==> flow/design.v <==
module alu_add_core_blk #(
   parameter integer W = 5
) (
   input  clk,
   input  [W-1:0] rs1,
   input  [W-1:0] rs2,
   input  cin,
   output reg [W-1:0] total,
   output reg cy
);
   reg [W-1:0] rs1_d1;
   reg [W-1:0] rs2_d1;
   reg cin_d1;
   wire [W:0] cur;
   assign cur = rs1_d1 + rs2_d1 + cin_d1;
   always @(posedge clk) begin
      rs1_d1 <= rs1;
      rs2_d1 <= rs2;
      cin_d1 <= cin;
      total <= cur[W-1:0];
      cy <= cur[W];
   end
endmodule
==> reports on alu_add_core_blk <==
**From RTL to reports: alu_add_core_blk**

Tool output for the members of one design family, told apart by "W", in the order of the flow.
The RTL above is that of W 5; lines are counted from 1 in the file of the member named.
Operators carry their Yosys type and port widths (W data, S select, Z words).
Cell names lack the library's common part.
A cell with n/a has no value.

- Design top: alu_add_core_blk
- Clock: clk
- Library: sky130hd
- Timing corner: tt_025C_1v80

**Source of the members**

New or changed lines of each further member against the RTL above, in its own file; lines it lacks are not shown.

New or changed lines:

| W | line | source |
|---|---|---|
| 6 | 2 | `parameter integer W = 6` |
| 7 | 2 | `parameter integer W = 7` |

**After elaboration**

Yosys after proc, flatten, opt, wreduce and memory -nomap, before mapping. Enables and synchronous resets that opt folds into registers are not counted as muxes. Memory bits, and registers merged into a memory's read port (data or address), are not among the register bits. Print and check cells are not counted. Equal cells are merged and count once.

Word-level totals:

| W | register bits after elaboration | output and inout port bits |
|---|---|---|
| 5 | 17 | 6 |
| 6 | 20 | 7 |
| 7 | 23 | 8 |

Cells by class:

| W | add/sub/neg operators |
|---|---|
| 5 | 2 |
| 6 | 2 |
| 7 | 2 |

Operators by type and width:

| W | kinds with counts |
|---|---|
| 5 | 1 x $add A5 B5 Y6; 1 x $add A6 B1 Y6 |
| 6 | 1 x $add A6 B6 Y7; 1 x $add A7 B1 Y7 |
| 7 | 1 x $add A7 B7 Y8; 1 x $add A8 B1 Y8 |

**Depth**

Longest topological path by Yosys (ltp), each cell counted once; first at word level (registers and memories cut), then after technology mapping (sequential cells cut; the memories' decode and read muxes count).

Logic depth:

| W | depth after elaboration | ABC_AREA | gate-level depth with buffers |
|---|---|---|---|
| 5 | 2 | 0 | 7 |
| 6 | 2 | 0 | 7 |
| 7 | 2 | 0 | 7 |

**Synthesis result**

Source: synth_stat.txt of the flow (Yosys; design flattened, memories mapped). It holds for the ABC_AREA given above (unset counts as 0); a run with the other value may have another netlist.

Mapped netlist:

| W | cell count | mapped area (um2) | mapped flip-flops | area of sequential cells (um2) | buffer cells |
|---|---|---|---|---|---|
| 5 | 41 | 535.5 | 17 | 340.3 | 0 |
| 6 | 48 | 650.6 | 20 | 400.4 | 0 |
| 7 | 60 | 775.7 | 23 | 460.4 | 0 |

Cells by type:

| W | type and count |
|---|---|
| 5 | 17 x dfxtp_1; 4 x ha_1; 2 x fa_1; 5 x inv_1; 2 x xnor2_1; 2 x a21oi_1; 1 x o21ai_2; 1 x xor2_1; 1 x a21o_1; 2 x nor2_1; 1 x o211ai_1; 1 x nor2b_1; 1 x or2_1; 1 x or2_2 |
| 6 | 20 x dfxtp_1; 5 x ha_1; 2 x fa_1; 3 x xnor2_1; 4 x inv_1; 1 x nor2b_4; 1 x a211oi_2; 2 x a21oi_1; 2 x o21ai_0; 1 x o31a_2; 1 x a21oi_2; 1 x o21ai_2; 1 x a21o_1; 1 x o21a_1; 1 x o21bai_1; 1 x nand2b_1; 1 x nor2_1 |
| 7 | 23 x dfxtp_1; 6 x ha_1; 2 x fa_1; 3 x xnor2_1; 6 x inv_1; 4 x a21oi_1; 1 x o31a_4; 1 x a311oi_2; 3 x o21ai_0; 1 x nor2b_4; 1 x nor4_2; 1 x a311o_1; 1 x nor2b_2; 2 x nor2_1; 1 x nor3b_1; 1 x o21a_1; 1 x a31oi_1; 1 x nor2b_1; 1 x nand2_1 |

**Worst setup path after synthesis**

Path of least setup slack by OpenSTA after synthesis, without wires, with an ideal clock, recovery checks aside; 20% of the period is set as input and as output delay. Where synthesis merged equal registers, the netlist keeps one of their names.

Timing post-synthesis:

| W | kind | start point | end point | period (ns) | path delay (ns) | stages on the path | slack (ns) | synthesis period reached (ns) |
|---|---|---|---|---|---|---|---|---|
| 5 | reg-to-reg | register rs1_d1[0] | register total[4] | 1.85 | 1.479 | 8 | 0.371 | 1.479 |
| 6 | reg-to-reg | register rs1_d1[0] | register cy | 2.1 | 1.678 | 8 | 0.422 | 1.678 |
| 7 | reg-to-reg | register rs1_d1[0] | register total[6] | 2.26 | 1.807 | 7 | 0.453 | 1.807 |

"path delay" = arrival - input delay + setup time.
"stages on the path" counts driving pins, that of a launching flip-flop among them; a cell with two outputs on the path counts twice.
"synthesis period reached" = period - worst setup slack (recovery checks aside). The figure is calculated, with input and output delays left at 20% of the set period.
The rows between start and end are the longest chain of elaborated cells between them; the timing report does not say that the signal goes this way. Where chains are equally long, one stands for them.
A line is the first line of the expression or statement that the cell stems from. Yosys adds cells for indexed reads and writes and turns some case tables into memories.

Between the ends, post-synthesis, W 5:
- Cells in the longest elaborated chain: 2

Ends and longest elaborated chain, post-synthesis, W 5:

| element | line | source |
|---|---|---|
| start, declared | 11 | `reg [W-1:0] rs1_d1;` |
| start, assigned | 17 | `rs1_d1 <= rs1;` |
| $add A5 B5 Y6 | 15 | `assign cur = rs1_d1 + rs2_d1 + cin_d1;` |
| $add A6 B1 Y6 | 15 |  |
| end, assigned | 20 | `total <= cur[W-1:0];` |
| end, declared | 8 | `output reg [W-1:0] total,` |

Between the ends, post-synthesis, W 7:
- Cells in the longest elaborated chain: 2

Ends and longest elaborated chain, post-synthesis, W 7:

| element | line | source |
|---|---|---|
| start, declared | 11 | `reg [W-1:0] rs1_d1;` |
| start, assigned | 17 | `rs1_d1 <= rs1;` |
| $add A7 B7 Y8 | 15 | `assign cur = rs1_d1 + rs2_d1 + cin_d1;` |
| $add A8 B1 Y8 | 15 |  |
| end, assigned | 20 | `total <= cur[W-1:0];` |
| end, declared | 8 | `output reg [W-1:0] total,` |

**Timing after layout**

From the final timing report of each member's run: the path of least setup slack in the routed layout; clock arrival at registers is part of the times.

Timing post-layout:

| W | kind | start point | end point | stages on the path | arrival time (ns) | period (ns) | path buffers | slack (ns) |
|---|---|---|---|---|---|---|---|---|
| 5 | reg-to-reg | register rs2_d1[0] | register total[4] | 8 | 1.80 | 1.85 | 0 | 0.26 |
| 6 | reg-to-reg | register rs1_d1[0] | register cy | 8 | 1.95 | 2.1 | 0 | 0.34 |
| 7 | reg-to-reg | register rs1_d1[0] | register total[6] | 7 | 2.06 | 2.26 | 0 | 0.40 |

**Measured runs**

One run of the flow (Yosys, OpenROAD) for each member, with settings and measured results. Input and output delays are each 20% of the period that was set; the output load is 0.01 pF.

- CAP_MARGIN: 20
- CORE_MARGIN: 2
- CORE_UTILIZATION: 40
- SLEW_MARGIN: 20

Settings by member:

| W | period_ns |
|---|---|
| 5 | 1.85 |
| 6 | 2.1 |
| 7 | 2.26 |

Results:

| W | die area (um2) | area of the standard cells in the finished layout (um2) | worst hold slack (ns) | netlist area reported by Yosys (um2) | worst setup slack after layout (ns) | period reached (ns) |
|---|---|---|---|---|---|---|
| 5 | 1647.5 | 750.7 | 0.524 | 535.5 | 0.259 | 1.591 |
| 6 | 1965.2 | 907.1 | 0.517 | 650.6 | 0.345 | 1.755 |
| 7 | 2307.8 | 1063.5 | 0.515 | 775.7 | 0.399 | 1.861 |

"period reached" = clock period - worst setup slack. The figure is calculated, with input and output delays left at 20% of the set period.
